==> flow/design.v <==
module alu_sum_block_blk #(
  parameter integer XLEN = 16
) (
  input wire sys_clk,
  input wire RST,
  input wire [XLEN-1:0] x,
  input wire [XLEN-1:0] y,
  input wire cin,
  output wire [XLEN-1:0] s,
  output wire ovf
);
  reg [XLEN-1:0] r_x;
  always @(posedge sys_clk) begin
    if (RST) begin
      r_x <= 0;
    end else begin
      r_x <= x;
    end
  end
  reg [XLEN-1:0] r_y;
  always @(posedge sys_clk) begin
    if (RST) begin
      r_y <= 0;
    end else begin
      r_y <= y;
    end
  end
  reg r_cin;
  always @(posedge sys_clk) begin
    if (RST) begin
      r_cin <= 1'b0;
    end else begin
      r_cin <= cin;
    end
  end
  wire [XLEN:0] cur;
  assign cur = r_x + r_y + r_cin;
  assign s = cur[XLEN-1:0];
  assign ovf = cur[XLEN];
endmodule
### Reports on alu_sum_block_blk

What the tools print for alu_sum_block_blk, step after step.
Line numbers count from 1 in the design file above.
Cell names lack the library's common part.
A cell with - has no value.

| set-up | value |
|---|---|
| top module | alu_sum_block_blk |
| clock | sys_clk |
| library | sky130hd |
| timing corner | tt_025C_1v80 |

### After elaboration

Yosys after proc, flatten, opt, wreduce and memory -nomap, before mapping. Enables and synchronous resets that opt folds into registers are not counted as muxes. Memory bits, and registers merged into a memory's read port (data or address), are not among the register bits. Print and check cells are not counted. Equal cells are merged and count once.

| word-level totals | value |
|---|---|
| flip-flop bits (word level) | 33 |
| bits of input ports | 35 |
| output and inout port bits | 17 |

| operators by class | value |
|---|---|
| add/subtract/negate cells | 2 |

Operators with widths:

| kind | number |
|---|---|
| adder 16 x 16 -> 17 bit | 1 |
| adder 17 x 1 -> 17 bit | 1 |

### Logic depth

Yosys ltp: most cells in a row. Word level: on the elaborated netlist, between registers, memories and ports. Mapped: between sequential cells and ports; inverters and the memories' decode and read muxes count.

| depth | value |
|---|---|
| depth in word-level cells | 2 |
| ABC_AREA | 0 |
| mapped depth | 8 |
| depth with buffers taken out | 8 |

### Mapped cells and area

The flow's flattened synthesis, as Yosys stat reports it; memories are mapped. The netlist is that of the ABC_AREA named above (0 if unset); the other value can give another one.

Cells by type:

| cell type | number | total area (um2) |
|---|---|---|
| dfxtp_1 | 33 | 660.634 |
| nor2b_1 | 34 | 212.704 |
| ha_1 | 15 | 187.68 |
| xnor2_1 | 9 | 78.826 |
| a21oi_1 | 9 | 45.043 |
| xor2_1 | 5 | 43.792 |
| fa_1 | 2 | 40.038 |
| a21o_1 | 4 | 30.029 |
| a21oi_2 | 3 | 26.275 |
| o21bai_1 | 3 | 22.522 |
| o21ai_0 | 4 | 20.019 |
| o21ai_2 | 2 | 17.517 |
| a2111oi_2 | 1 | 15.014 |
| inv_1 | 4 | 15.014 |
| nand2_1 | 4 | 15.014 |
| nand3_1 | 3 | 15.014 |
| o21a_1 | 2 | 15.014 |
| o221ai_2 | 1 | 15.014 |

Other cell types: 15; their cells: 20.

| synthesis totals | value |
|---|---|
| standard cells after synthesis | 158 |
| chip area (Yosys) | 1,611.5 um2 |
| sequential area | 660.6 um2 |
| flip-flops | 33 |
| buffer cells | 3 |

### Path before layout

Source: OpenSTA report_checks on the synthesized netlist (no wires, ideal clock, input and output delay 20% of the period each), path of least setup slack; recovery checks are left aside. Register names are those of the netlist, which keeps one name where synthesis merged equal registers.

| timing post-synthesis | value |
|---|---|
| path type | reg-to-output |
| from | reg r_x[0] |
| to | out s[10] |
| clock period | 3.54 ns |
| external output delay | 0.708 ns |
| time at the first pin | 0.000 ns |
| data arrival time | 2.264 ns |
| path slack | 0.568 ns |
| delay of the path | 2.264 ns |
| driving pins on the path | 9 |
| buffers on the path | 0 |
| period reached after synthesis | 2.972 ns |

"delay of the path" is the arrival time less input delay plus setup time.
A path that ends at an output port has no setup time.
"driving pins on the path" counts driving pins, that of a launching flip-flop among them; a cell with two outputs on the path counts twice.
"period reached after synthesis" is the clock period less the worst setup slack; recovery checks do not enter. This is arithmetic on one report: input and output delays are still those of the set period (20% each).
Between the ends stands the longest chain of elaborated cells between them, by number of cells; it is not shown to be the way that was timed. Of several equally long chains one is given.
Each line given opens the expression or statement behind the cell; cells for indexed reads and writes are added by Yosys, which also makes memories of some case tables.

| on the way, post-synthesis | value |
|---|---|
| cell sequence | dfxtp_1 -> fa_1 -> fa_1 -> a21oi_2 -> o21ai_2 -> a2111oi_2 -> o31ai_1 -> a21oi_1 -> xnor2_1 |
| length of the longest elaborated chain | 2 |

RTL lines, path post-synthesis:

| item | RTL line | text |
|---|---|---|
| start, declared | 12 | `reg [XLEN-1:0] r_x;` |
| start, assigned | 15 | `r_x <= 0;` |
| start, assigned | 17 | `r_x <= x;` |
| adder 16 x 16 -> 17 bit | 37 | `assign cur = r_x + r_y + r_cin;` |
| adder 17 x 1 -> 17 bit | 37 |  |
| end, declared | 9 | `output wire [XLEN-1:0] s,` |

### Worst path after layout

Path of least setup slack in the final report of flow run A (OpenROAD, finished layout, wires in). Where an end is a register, its clock arrival counts in the times.

| timing post-layout | value |
|---|---|
| path type | reg-to-output |
| from | reg r_cin |
| to | out ovf |
| clock period | 3.54 ns |
| external output delay | 0.71 ns |
| time at the first pin | 0.28 ns |
| data arrival time | 2.66 ns |
| path slack | 0.17 ns |
| driving pins on the path | 10 |
| buffers on the path | 1 |

Between the ends stands the longest chain of elaborated cells between them, by number of cells; it is not shown to be the way that was timed. Of several equally long chains one is given.

| on the way, post-layout | value |
|---|---|
| cell sequence | dfxtp_2 -> fa_2 -> fa_2 -> a21oi_2 -> o21ai_2 -> a21oi_2 -> o221ai_2 -> a221o_1 -> a21o_1 -> clkbuf_2 |
| length of the longest elaborated chain | 1 |

RTL lines, path post-layout:

| item | RTL line | text |
|---|---|---|
| start, declared | 28 | `reg r_cin;` |
| start, assigned | 31 | `r_cin <= 1'b0;` |
| start, assigned | 33 | `r_cin <= cin;` |
| adder 17 x 1 -> 17 bit | 37 | `assign cur = r_x + r_y + r_cin;` |
| end, declared | 10 | `output wire ovf` |

## Implementation results

Record of 2 stored runs of the RTL-to-layout flow on alu_sum_block_blk, platform sky130hd. The runs are unordered. Constraints: input delay and output delay 20% of the set period each, output load 0.01 pF.
"achieved period" means the clock period less the worst setup slack. The figure is calculated, with input and output delays left at 20% of the set period.
"worst path time": the worst setup path's part of the clock period (all of it between registers, 20% less for each end at a port) less its slack. A launch clock that arrives late makes it longer, a capture clock that arrives late makes it shorter.
"total power of the final layout" is the tool's figure for a default switching activity; nothing was simulated.
Settings: - = not set for that run.
Among the results, - means that no value is shown for the run.

| run name | period_ns | CAP_MARGIN | CORE_MARGIN | CORE_UTILIZATION | SLEW_MARGIN | SETUP_SLACK_MARGIN | PLACE_DENSITY_LB_ADDON | CORE_ASPECT_RATIO | GPL_TIMING_DRIVEN | MIN_ROUTING_LAYER | MAX_ROUTING_LAYER | worst path time (ns) | worst path kind | lowest setup slack (ns) | standard-cell area after routing (um2) | final worst hold slack (ns) | area inside the die boundary (um2) | total power of the final layout (mW) | sum of negative setup slack (ns) | utilization (%) | achieved period (ns) | chip area after synthesis (Yosys) (um2) |
|---|---|---|---|---|---|---|---|---|---|---|---|---|---|---|---|---|---|---|---|---|---|---|
| flow run A | 3.54 | 20 | 2 | 40 | 20 | - | - | - | - | - | - | 2.66 | reg-to-output | 0.167 | 2,372.3 | 0.971 | 4,552.9 | 1.040 | 0.000 | 60.2 | 3.373 | 1,611.5 |
| flow run B | 3.94 | 20 | 7 | 66 | 20 | 0.83 | 0.23 | 0.56 | 1 | met2 | met5 | - | - | - | - | - | - | - | - | - | - | - |

Flow run B: not finished: placement ended with error FLW-0024
